==> flow/design.v <==
module selector #(
    parameter DATA_W = 24,
    parameter COUNT = 10
) (
    input logic core_clk,
    input logic srst,
    input logic en,
    input logic [COUNT*DATA_W-1:0] val,
    input logic [COUNT-1:0] choose,
    output logic [DATA_W-1:0] out
);
    logic [DATA_W-1:0] work;
    always_comb begin
        work = '0;
        for (int i = COUNT-1; i >= 0; i = i - 1)
            if (choose[i]) work = val[i*DATA_W +: DATA_W];
    end
    always_ff @(posedge core_clk or posedge srst) begin
        if (srst) begin
            out <= '0;
        end else if (en) begin
            out <= work;
        end
    end
endmodule
## From RTL to reports: selector

What the tools print for selector, step after step.
Line numbers count from 1 in the design file above.
Operators carry their Yosys type and port widths (W data, S select, Z words).
Library cell names are shortened.
A cell with -- has no value.

| inputs | value |
|---|---|
| top | selector |
| clock | core_clk |
| library | sky130hd |
| library corner | tt_025C_1v80 |

## Elaborated design

Counts by Yosys on the flattened word-level netlist (proc, flatten, opt, wreduce; memories kept). Register bits leave out memories and registers merged into their read ports (data or address); mux counts leave out enables and synchronous resets folded into registers. Print and check cells are left out. Cells with the same type and inputs are merged into one.

| operators by class | value |
|---|---|
| muxes and demuxes | 10 |

Operators with widths:

| cell | number |
|---|---|
| $mux W24 | 10 |

| storage and ports | value |
|---|---|
| elaborated cells | 11 |
| input bits | 253 |
| flip-flop bits (word level) | 24 |

## Longest topological paths

Depth = most cells in a row (Yosys ltp): at word level without a register or memory, in the mapped netlist without a sequential cell, where the memories' decode and read muxes count.

| depth | value |
|---|---|
| word-level depth | 10 |
| ABC_AREA | 0 |
| mapped depth | 6 |
| depth with buffers taken out | 4 |

## After synthesis

Source: synth_stat.txt of the flow (Yosys; design flattened, memories mapped). It holds for the ABC_AREA given above (unset counts as 0); a run with the other value may have another netlist.
The area totals of this step are shown rounded.

Cells by type:

| cell type | number | area in all (um^2) |
|---|---|---|
| dfrtp_1 | 24 | 600.576 |
| a22oi_1 | 44 | 330.317 |
| o211ai_2 | 20 | 250.24 |
| nor2_1 | 65 | 243.984 |
| o2111ai_1 | 22 | 192.685 |
| nand2_1 | 51 | 191.434 |
| o221ai_1 | 21 | 183.926 |
| a31o_1 | 20 | 175.168 |
| o22ai_1 | 23 | 143.888 |
| buf_2 | 25 | 125.12 |
| a21boi_1 | 16 | 120.115 |
| a21oi_1 | 24 | 120.115 |
| buf_6 | 7 | 78.826 |
| buf_4 | 8 | 60.058 |
| a21boi_2 | 4 | 45.043 |
| a41o_1 | 3 | 30.029 |
| clkbuf_1 | 6 | 22.522 |
| o211ai_1 | 3 | 22.522 |

Not listed: further types 28, cells in them 38.

| mapped netlist | value |
|---|---|
| mapped cells | 424 |
| mapped area | 3250 um^2 |
| mapped flip-flops | 24 |

## Worst setup path after synthesis

Path of least setup slack by OpenSTA after synthesis, without wires, with an ideal clock, recovery checks aside; 20% of the period is set as input and as output delay. Where synthesis merged equal registers, the netlist keeps one of their names.

| timing post-synthesis | value |
|---|---|
| path kind | in2reg |
| from | input en |
| to | register out[2] |
| launch time at the first pin | 0.286 ns |
| path slack | 0.230 ns |
| path buffers | 2 |
| clock period | 1.43 ns |
| arrival | 1.081 ns |
| delay of the path | 0.915 ns |
| driving pins on the path | 6 |
| data required time | 1.310 ns |
| external input delay | 0.286 ns |
| period reached after synthesis | 1.2 ns |

"delay of the path" = arrival - input delay + setup time.
"driving pins on the path" counts driving pins, that of a launching flip-flop among them; a cell with two outputs on the path counts twice.
"period reached after synthesis" = period - worst setup slack (recovery checks aside). The figure is calculated, with input and output delays left at 20% of the set period.

| on the way, post-synthesis | value |
|---|---|
| cells stage by stage | buf_2 > and2b_2 > buf_6 > o221ai_1 > nor2_1 > a31o_1 |

RTL lines, path post-synthesis:

| item | line | RTL |
|---|---|---|
| start, declared | 7 | `input logic en,` |
| end, assigned | 20 | `out <= '0;` |
| end, assigned | 22 | `out <= work;` |
| end, declared | 10 | `output logic [DATA_W-1:0] out` |

No chain of elaborated cells between the ends is given.

## Worst path after layout

Path of least setup slack in the final report of flow run A (OpenROAD, finished layout, wires in). Where an end is a register, its clock arrival counts in the times.

| timing after layout | value |
|---|---|
| path kind | in2reg |
| from | input (name not given) |
| to | register out[20] |
| data required time | 1.61 ns |
| driving pins on the path | 5 |
| path slack | 0.00 ns |
| arrival | 1.61 ns |
| launch time at the first pin | 0.29 ns |
| external input delay | 0.29 ns |
| path buffers | 1 |
| clock period | 1.43 ns |

The rows between start and end are the longest chain of elaborated cells between them; the timing report does not say that the signal goes this way. Where chains are equally long, one stands for them.
Each line given opens the expression or statement behind the cell; cells for indexed reads and writes are added by Yosys, which also makes memories of some case tables.

| on the way, after layout | value |
|---|---|
| cells stage by stage | dlygate4sd2_1 > nand2b_2 > o22ai_1 > o2111ai_1 > a31o_1 |
| length of the longest elaborated chain | 8 |

RTL lines, path after layout:

| item | line | RTL |
|---|---|---|
| start, declared | 9 |  |
| $mux W24 (8 in a row) | 16 |  |
| end, assigned | 20 | `out <= '0;` |
| end, assigned | 22 | `out <= work;` |
| end, declared | 10 | `output logic [DATA_W-1:0] out` |

==> runs of selector <==
Module selector, platform sky130hd: 3 stored runs of the flow (Yosys, OpenROAD) with differing settings, in no particular order. Input and output delays are each 20% of the period that was set; the output load is 0.01 pF.
"total power after layout" is the tool's figure for a default switching activity; nothing was simulated.
The measured numbers are rounded.
A setting shown as . is not set for that run.
Among the results, . means that no value is shown for the run.

| name | flow run A | flow run B | flow run C |
|---|---|---|---|
| period_ns | 1.43 | 0.861 | 2.13 |
| CAP_MARGIN | 20 | 10 | 20 |
| CORE_MARGIN | 2 | 2 | 2 |
| CORE_UTILIZATION | 40 | 29 | 67 |
| SLEW_MARGIN | 20 | 20 | 20 |
| PLACE_DENSITY_LB_ADDON | . | 0.0 | . |
| ABC_AREA | . | 0 | . |
| CTS_CLUSTER_DIAMETER | . | 358 | . |
| MIN_ROUTING_LAYER | . | met1 | met1 |
| MAX_ROUTING_LAYER | . | met4 | . |
| SETUP_SLACK_MARGIN | . | . | 0.42 |
| CORE_ASPECT_RATIO | . | . | 1.17 |
| CELL_PAD_IN_SITES_GLOBAL_PLACEMENT | . | . | 0 |
| CELL_PAD_IN_SITES_DETAIL_PLACEMENT | . | . | 2 |
| TNS_END_PERCENT | . | . | 10 |
| GPL_ROUTABILITY_DRIVEN | . | . | 1 |
| area of the die (um^2) | 8870 | 12100 | . |
| standard-cell area after routing (um^2) | 6520 | 7680 | . |
| total power after layout (µW) | 3170 | 6020 | . |
| lowest setup slack (ns) | 0.002 | -0.224 | . |
| setup total negative slack (ns) | 0.000 | -7.00 | . |
| post-synthesis cell area (um^2) | 3250 | 3250 | . |

Flow run C: stopped before the end: placement reported PPL-0024
